==> flow/design.v <==
module my_data_mux_stage #(
    parameter DATA_WIDTH = 3,
    parameter LANES = 4,
    parameter SW = $clog2(LANES)
) (
    input  logic ck,
    input  logic nrst,
    input  logic [LANES*DATA_WIDTH-1:0] din,
    input  logic [SW-1:0] choose,
    output logic [DATA_WIDTH-1:0] dout
);
    logic [LANES*DATA_WIDTH-1:0] din_r;
    always_ff @(posedge ck or negedge nrst) begin
        if (~nrst) begin
            din_r <= 0;
        end else begin
            din_r <= din;
        end
    end
    logic [SW-1:0] choose_r;
    always_ff @(posedge ck or negedge nrst) begin
        if (~nrst) begin
            choose_r <= 0;
        end else begin
            choose_r <= choose;
        end
    end
    wire [DATA_WIDTH-1:0] node [1:2*LANES-1];
    generate
        for (genvar g = 0; g < LANES; g++) begin : blk
            assign node[LANES+g] = din_r[g*DATA_WIDTH +: DATA_WIDTH];
        end
        for (genvar g = 1; g < LANES; g++) begin : g_bit
            assign node[g] = choose_r[SW - $clog2(g+1)] ? node[2*g+1] : node[2*g];
        end
    endgenerate
    assign dout = node[1];
endmodule
Appendix: tool output

From RTL to reports: my_data_mux_stage
Module my_data_mux_stage in several versions that differ in "LANES"; each step lists the members.
The file above is the member LANES 4. Line numbers count from 1 in each member's own file.
Library cell names are shortened.
{"block": "design", "top": "my_data_mux_stage", "clk_port": "ck", "library": "sky130hd", "corner": "tt_025C_1v80"}

Members of the sweep
New or changed lines of each further member against the RTL above, in its own file; lines it lacks are not shown.
{"block": "changed_lines", "LANES": 8, "line_no": 3, "text": "parameter LANES = 8,"}
{"block": "changed_lines", "LANES": 16, "line_no": 3, "text": "parameter LANES = 16,"}
{"block": "changed_lines", "LANES": 32, "line_no": 3, "text": "parameter LANES = 32,"}
{"block": "changed_lines", "LANES": 64, "line_no": 3, "text": "parameter LANES = 64,"}

Word-level counts
Counts by Yosys on the flattened word-level netlist (proc, flatten, opt, wreduce). Print and check cells are left out. Cells with the same type and inputs are merged into one.
{"block": "word_totals", "LANES": 4, "elab_cells": 5, "output_inout_bits": 3, "inputBits": 16, "register_bits": 14}
{"block": "word_totals", "LANES": 8, "elab_cells": 9, "output_inout_bits": 3, "inputBits": 29, "register_bits": 27}
{"block": "word_totals", "LANES": 16, "elab_cells": 17, "output_inout_bits": 3, "inputBits": 54, "register_bits": 52}
{"block": "word_totals", "LANES": 32, "elab_cells": 33, "output_inout_bits": 3, "inputBits": 103, "register_bits": 101}
{"block": "word_totals", "LANES": 64, "elab_cells": 65, "output_inout_bits": 3, "inputBits": 200, "register_bits": 198}
{"block": "classes", "LANES": 4, "muxes": 3}
{"block": "classes", "LANES": 8, "muxes": 7}
{"block": "classes", "LANES": 16, "muxes": 15}
{"block": "classes", "LANES": 32, "muxes": 31}
{"block": "classes", "LANES": 64, "muxes": 63}
{"block": "op_table", "LANES": 4, "operators": "3-bit 2-to-1 mux: 3"}
{"block": "op_table", "LANES": 8, "operators": "3-bit 2-to-1 mux: 7"}
{"block": "op_table", "LANES": 16, "operators": "3-bit 2-to-1 mux: 15"}
{"block": "op_table", "LANES": 32, "operators": "3-bit 2-to-1 mux: 31"}
{"block": "op_table", "LANES": 64, "operators": "3-bit 2-to-1 mux: 63"}

Depth
Longest topological path by Yosys (ltp), each cell counted once; first at word level (registers and memories cut), then after technology mapping (sequential cells cut; the memories' decode and read muxes count).
{"block": "depth", "LANES": 4, "word_depth": 2, "abc_area": 0, "depth_mapped": 1, "mapped_depth_nobuf": 1}
{"block": "depth", "LANES": 8, "word_depth": 3, "abc_area": 0, "depth_mapped": 3, "mapped_depth_nobuf": 2}
{"block": "depth", "LANES": 16, "word_depth": 4, "abc_area": 0, "depth_mapped": 4, "mapped_depth_nobuf": 3}
{"block": "depth", "LANES": 32, "word_depth": 5, "abc_area": 0, "depth_mapped": 5, "mapped_depth_nobuf": 3}
{"block": "depth", "LANES": 64, "word_depth": 6, "abc_area": 0, "depth_mapped": 9, "mapped_depth_nobuf": 5}

Mapped cells and area
Source: synth_stat.txt of the flow (Yosys; design flattened, memories mapped). It holds for the ABC_AREA given above (unset counts as 0); a run with the other value may have another netlist.
{"block": "types", "LANES": 4, "cell_types": "dfrtp_1: 14; mux4_1: 3"}
{"block": "types", "LANES": 8, "cell_types": "dfrtp_1: 27; mux4_1: 6; mux2_2: 3; buf_6: 1"}
{"block": "types", "LANES": 16, "cell_types": "dfrtp_1: 52; mux4_1: 8; mux4_2: 4; nand3_1: 6; a22oi_1: 2; a22oi_2: 1; nor2b_1: 2; buf_6: 1; nand2_1: 3; clkbuf_1: 1; nor2_1: 1"}
{"block": "types", "LANES": 32, "cell_types": "dfrtp_1: 101; mux4_2: 30; mux2_2: 3; buf_6: 2; clkbuf_1: 3; buf_4: 1; buf_1: 1"}
{"block": "types", "LANES": 64, "cell_types": "dfrtp_1: 198; mux4_2: 37; mux4_1: 10; mux2i_1: 10; nand2b_1: 6; buf_2: 7; o221ai_1: 4; nor2b_1: 5; o22ai_1: 5; a211oi_1: 3; buf_6: 2; a21oi_1: 4; buf_12: 1; nand3_1: 4; o41ai_1: 2; buf_4: 2; nand2_1: 4; o21a_1: 2; [+16]"}
The mark [+n] counts cells that are not listed.
{"block": "synth_totals", "LANES": 4, "ffs": 14, "mapped_area_um2": 429.2, "sequential_area_um2": 350.3, "n_buf": 0, "cell_count": 17}
{"block": "synth_totals", "LANES": 8, "ffs": 27, "mapped_area_um2": 878.3, "sequential_area_um2": 675.6, "n_buf": 1, "cell_count": 37}
{"block": "synth_totals", "LANES": 16, "ffs": 52, "mapped_area_um2": 1701.6, "sequential_area_um2": 1301.2, "n_buf": 2, "cell_count": 81}
{"block": "synth_totals", "LANES": 32, "ffs": 101, "mapped_area_um2": 3281.9, "sequential_area_um2": 2527.4, "n_buf": 7, "cell_count": 141}
{"block": "synth_totals", "LANES": 64, "ffs": 198, "mapped_area_um2": 6580.1, "sequential_area_um2": 4954.8, "n_buf": 16, "cell_count": 322}

Timing after synthesis
Path of least setup slack by OpenSTA after synthesis, without wires, with an ideal clock, recovery checks aside; 20% of the period is set as input and as output delay. Where synthesis merged equal registers, the netlist keeps one of their names.
{"block": "synth_path", "LANES": 4, "path_kind": "reg-to-output", "start": "register (name not given)", "end": "output port dout[0]", "tclk_ps": 1530, "delay_ps": 980, "slack_ps": 244, "driving_pins": 2, "period_less_setup_slack_ps": 1286}
{"block": "synth_path", "LANES": 8, "path_kind": "reg-to-output", "start": "register (name not given)", "end": "output port dout[0]", "tclk_ps": 1960, "delay_ps": 1255, "slack_ps": 313, "driving_pins": 4, "period_less_setup_slack_ps": 1647}
{"block": "synth_path", "LANES": 16, "path_kind": "reg-to-output", "start": "register (name not given)", "end": "output port dout[1]", "tclk_ps": 2090, "delay_ps": 1337, "slack_ps": 335, "driving_pins": 5, "period_less_setup_slack_ps": 1755}
{"block": "synth_path", "LANES": 32, "path_kind": "reg-to-output", "start": "register (name not given)", "end": "output port dout[0]", "tclk_ps": 3040, "delay_ps": 1948, "slack_ps": 484, "driving_pins": 6, "period_less_setup_slack_ps": 2556}
{"block": "synth_path", "LANES": 64, "path_kind": "reg-to-output", "start": "register (name not given)", "end": "output port dout[0]", "tclk_ps": 2770, "delay_ps": 1772, "slack_ps": 444, "driving_pins": 7, "period_less_setup_slack_ps": 2326}
"delay_ps" is the arrival time less input delay plus setup time.
A path that ends at an output port has no setup time.
"driving_pins": output pins that drive a net of the path, with the launching flip-flop's if there is one; two outputs of one cell count as two.
"period_less_setup_slack_ps" is the clock period less the worst setup slack; recovery checks do not enter. This is arithmetic on one report: input and output delays are still those of the set period (20% each).
The rows between start and end are the longest chain of elaborated cells between them; the timing report does not say that the signal goes this way. Where chains are equally long, one stands for them.
A line is the first line of the expression or statement that the cell stems from. Yosys adds cells for indexed reads and writes and turns some case tables into memories.
{"block": "synth_between_LANES_4", "elab_chain_cells": 2}
{"block": "synth_rtl_LANES_4", "item": "start, declared", "line_no": 20}
{"block": "synth_rtl_LANES_4", "item": "start, assigned", "line_no": 23}
{"block": "synth_rtl_LANES_4", "item": "start, assigned", "line_no": 25}
{"block": "synth_rtl_LANES_4", "item": "3-bit 2-to-1 mux (2 in a row)", "line_no": 34}
{"block": "synth_rtl_LANES_4", "item": "end, declared", "line_no": 10, "text": "output logic [DATA_WIDTH-1:0] dout"}
{"block": "synth_between_LANES_64", "elab_chain_cells": 6}
{"block": "synth_rtl_LANES_64", "item": "start, declared", "line_no": 20}
{"block": "synth_rtl_LANES_64", "item": "start, assigned", "line_no": 23}
{"block": "synth_rtl_LANES_64", "item": "start, assigned", "line_no": 25}
{"block": "synth_rtl_LANES_64", "item": "3-bit 2-to-1 mux (6 in a row)", "line_no": 34}
{"block": "synth_rtl_LANES_64", "item": "end, declared", "line_no": 10, "text": "output logic [DATA_WIDTH-1:0] dout"}

Worst path after layout
Path of least setup slack in the final report of the run of each member (OpenROAD, finished layout, wires in). Where an end is a register, its clock arrival counts in the times.
The report prints the path's times to 10 ps; the period is as set.
{"block": "layout_path", "LANES": 4, "path_kind": "reg-to-output", "start": "register (name not given)", "end": "output port dout[1]", "arrival_time_ps": 1420, "slack_ps": -190, "tclk_ps": 1530, "driving_pins": 4, "n_path_buf": 2}
{"block": "layout_path", "LANES": 8, "path_kind": "reg-to-output", "start": "register (name not given)", "end": "output port dout[2]", "arrival_time_ps": 1750, "slack_ps": -180, "tclk_ps": 1960, "driving_pins": 5, "n_path_buf": 2}
{"block": "layout_path", "LANES": 16, "path_kind": "reg-to-output", "start": "register (name not given)", "end": "output port dout[2]", "arrival_time_ps": 1770, "slack_ps": -90, "tclk_ps": 2090, "driving_pins": 6, "n_path_buf": 2}
{"block": "layout_path", "LANES": 32, "path_kind": "reg-to-output", "start": "register (name not given)", "end": "output port dout[2]", "arrival_time_ps": 2400, "slack_ps": 30, "tclk_ps": 3040, "driving_pins": 7, "n_path_buf": 3}
{"block": "layout_path", "LANES": 64, "path_kind": "reg-to-output", "start": "register (name not given)", "end": "output port dout[0]", "arrival_time_ps": 2490, "slack_ps": -270, "tclk_ps": 2770, "driving_pins": 8, "n_path_buf": 3}

Layout results
One run of the flow (Yosys, OpenROAD) for each member, with settings and measured results. Input and output delays are each 20% of the period that was set; the output load is 0.01 pF.
{"block": "settings", "CAP_MARGIN": 20, "CORE_MARGIN": 2, "CORE_UTILIZATION": 40, "SLEW_MARGIN": 20}
{"block": "settings_diff", "LANES": 4, "period_ns": 1.53}
{"block": "settings_diff", "LANES": 8, "period_ns": 1.96}
{"block": "settings_diff", "LANES": 16, "period_ns": 2.09}
{"block": "settings_diff", "LANES": 32, "period_ns": 3.04}
{"block": "settings_diff", "LANES": 64, "period_ns": 2.77}
{"block": "measured", "LANES": 4, "setup_worst_slack_ps": -194, "total_power_mw": 0.6928, "die_area_um2": 1350.9, "timing.achieved_period_ps": 1724, "utilization_pct": 68.2, "yosys_chip_area_um2": 429.2}
{"block": "measured", "LANES": 8, "setup_worst_slack_ps": -183, "total_power_mw": 0.9620, "die_area_um2": 2586.7, "timing.achieved_period_ps": 2143, "utilization_pct": 62.5, "yosys_chip_area_um2": 878.3}
{"block": "measured", "LANES": 16, "setup_worst_slack_ps": -95, "total_power_mw": 1.855, "die_area_um2": 4792.1, "timing.achieved_period_ps": 2185, "utilization_pct": 60.2, "yosys_chip_area_um2": 1701.6}
{"block": "measured", "LANES": 32, "setup_worst_slack_ps": 29, "total_power_mw": 2.532, "die_area_um2": 8945.4, "timing.achieved_period_ps": 3011, "utilization_pct": 59.0, "yosys_chip_area_um2": 3281.9}
{"block": "measured", "LANES": 64, "setup_worst_slack_ps": -275, "total_power_mw": 6.256, "die_area_um2": 17492.7, "timing.achieved_period_ps": 3045, "utilization_pct": 61.5, "yosys_chip_area_um2": 6580.1}
"timing.achieved_period_ps" means the clock period less the worst setup slack. The figure is calculated, with input and output delays left at 20% of the set period.
"total_power_mw": no workload was simulated; the value follows from the tool's default switching activity.
